==> flow/design.v <==
module u_data_mux_mod #(
    parameter DWIDTH = 32,
    parameter COUNT = 4,
    parameter LOGN = $clog2(COUNT)
) (
    input logic sys_clk,
    input logic [COUNT*DWIDTH-1:0] in_src,
    input logic [LOGN-1:0] in_s,
    output logic [DWIDTH-1:0] out_data_out
);
    logic [COUNT*DWIDTH-1:0] src_q;
    always_ff @(posedge sys_clk)
        src_q <= in_src;
    logic [LOGN-1:0] s_q;
    always_ff @(posedge sys_clk)
        s_q <= in_s;
    assign out_data_out = src_q[s_q*DWIDTH +: DWIDTH];
endmodule
# Step by step through the tools: u_data_mux_mod
# What the tools print for u_data_mux_mod, step after step.
# Line numbers count from 1 in the design file above.
# Cell names lack the library's common part.
# The mark - stands for no value.
# setup
design	u_data_mux_mod
clk_port	sys_clk
library	sky130hd
lib_corner	tt_025C_1v80

# After elaboration
# Yosys after proc, flatten, opt, wreduce and memory -nomap, before mapping. Enables and synchronous resets that opt folds into registers are not counted as muxes. Memory bits, and registers merged into a memory's read port (data or address), are not among the register bits. Print and check cells are not counted. Equal cells are merged and count once.
# op_classes
add_sub_neg	0
mul	0
n_div	0
cmp	0
equal	0
shift	1
mux	0
bitwise	0
n_reduce_logical	0
# ops
cell	count
128-bit by 8-bit variable part select with 32-bit output	1
# word_totals
regBits	130
latchBits	0
ram_bits	0
romBits	0
clocked_rd_ports_x_width	0
mem_count	0
out_inout_bits	32

# Depth
# Depth = most cells in a row (Yosys ltp): at word level without a register or memory, in the mapped netlist without a sequential cell, where the memories' decode and read muxes count.
# depth
word_depth	1
ABC_AREA	0
mapped_depth	3

# After synthesis
# Source: synth_stat.txt of the flow (Yosys; design flattened, memories mapped). It holds for the ABC_AREA given above (unset counts as 0); a run with the other value may have another netlist.
# mapped
mapped_cells	169
yosys_area_um2	3417.0
flip_flops	130
buf_cells	7
# types
cell	count	type_area_um2
dfxtp_1	130	2.6E+03
mux4_2	30	675.648
buf_12	3	60.058
mux4_1	2	52.55
buf_2	3	15.014
buf_6	1	11.261

# Path before layout
# Source: OpenSTA report_checks on the synthesized netlist (no wires, ideal clock, input and output delay 20% of the period each), path of least setup slack; recovery checks are left aside. Register names are those of the netlist, which keeps one name where synthesis merged equal registers.
# synth_timing
path_kind	flip-flop to output port
start	register s_q[0]
end	output port out_data_out[10]
tclk_ps	1730
launch_ps	0
arrival_ps	1107
required_time_ps	1384
slack_ps	277
delay_ps	1107
path_stages	4
n_path_buf	2
synth_period_reached_ps	1453
# "delay_ps" = arrival - input delay + setup time.
# At an output port there is no setup time.
# "path_stages" counts driving pins, that of a launching flip-flop among them; a cell with two outputs on the path counts twice.
# "synth_period_reached_ps" = period - worst setup slack (recovery checks aside). The figure is calculated, with input and output delays left at 20% of the set period.
# Between the ends stands the longest chain of elaborated cells between them, by number of cells; it is not shown to be the way that was timed. Of several equally long chains one is given.
# A line is the first line of the expression or statement that the cell stems from. Yosys adds cells for indexed reads and writes and turns some case tables into memories.
# synth_between
cell_sequence	dfxtp_1 -> buf_6 -> buf_12 -> mux4_2
elab_chain_len	1
cells_between	1
# synth_rtl
item	line_no	rtl
from (decl)	14	logic [LOGN-1:0] s_q;
from (assign)	16	s_q <= in_s;
128-bit by 8-bit variable part select with 32-bit output	17	assign out_data_out = src_q[s_q*DWIDTH +: DWIDTH];
to (decl)	9	output logic [DWIDTH-1:0] out_data_out

# Path in the finished layout
# Path of least setup slack in the final report of job 1 (OpenROAD, finished layout, wires in). Where an end is a register, its clock arrival counts in the times.
# The path's times are printed in steps of 10 ps; the period is the one set.
# layout_timing
path_kind	flip-flop to output port
start	register s_q[0]
end	output port out_data_out[10]
tclk_ps	1730
launch_ps	490
arrival_ps	1800
required_time_ps	1380
slack_ps	-410
path_stages	5
n_path_buf	3
# Between the ends stands the longest chain of elaborated cells between them, by number of cells; it is not shown to be the way that was timed. Of several equally long chains one is given.
# layout_between
cell_sequence	dfxtp_4 -> buf_12 -> buf_8 -> mux4_2 -> buf_6
elab_chain_len	1
cells_between	1
# layout_rtl
item	line_no	rtl
from (decl)	14	logic [LOGN-1:0] s_q;
from (assign)	16	s_q <= in_s;
128-bit by 8-bit variable part select with 32-bit output	17	assign out_data_out = src_q[s_q*DWIDTH +: DWIDTH];
to (decl)	9	output logic [DWIDTH-1:0] out_data_out

# 3 stored runs of u_data_mux_mod in the flow (synthesis by Yosys, layout by OpenROAD, sky130hd cells), in arbitrary order. Constraints: input delay and output delay 20% of the set period each, output load 0.01 pF.
# By "achieved_clock_period_ps" is meant the clock period of the run minus its worst setup slack. This is arithmetic on one report: input and output delays are still those of the set period (20% each).
# "worst_path_ps" = time allowed to the worst setup path (clock period - input delay - output delay, where it has them) - its slack; a late launch clock adds to it, a late capture clock takes from it.
# "total_power_uw" is the tool's figure for a default switching activity; nothing was simulated.
# "worst_path_ps" is known to 10 ps.
# Settings: . = not set for that run.
# A result given as . is not shown for that run.
item,job 1,job 2,job 3
period_ns,1.73,0.936,1.66
CAP_MARGIN,20,20,10
CORE_MARGIN,2,2,3
CORE_UTILIZATION,40,59,44
SLEW_MARGIN,20,30,20
SETUP_SLACK_MARGIN,.,0.07,0.34
PLACE_DENSITY,.,0.66,0.53
HOLD_SLACK_MARGIN,.,-0.09,0.2
CORE_ASPECT_RATIO,.,0.53,.
CELL_PAD_IN_SITES_DETAIL_PLACEMENT,.,1,.
TNS_END_PERCENT,.,20,30
ABC_AREA,.,0,.
GPL_TIMING_DRIVEN,.,0,0
GPL_ROUTABILITY_DRIVEN,.,1,1
MIN_ROUTING_LAYER,.,met1,.
CELL_PAD_IN_SITES_GLOBAL_PLACEMENT,.,.,2
CTS_CLUSTER_SIZE,.,.,97
MAX_ROUTING_LAYER,.,.,met5
timing.hold.ws_ps,293,.,271
design.die.area_um2,9297.8,.,8859.5
finish.utilization_pct,71.2,.,77.5
fin_tns_ps,-10896,.,-13811
layout_stdcell_area_um2,5878.1,.,5744.3
worst_setup_slack_ps,-414,.,-489
worst_path_ps,1800,.,1820
worstPathKind,flip-flop to output port,.,flip-flop to output port
post_synth_area_um2,3417.0,.,3417.0
total_power_uw,7573,.,7581
achieved_clock_period_ps,2144,.,2149
# Job 2: no results, placement failed with a tool error
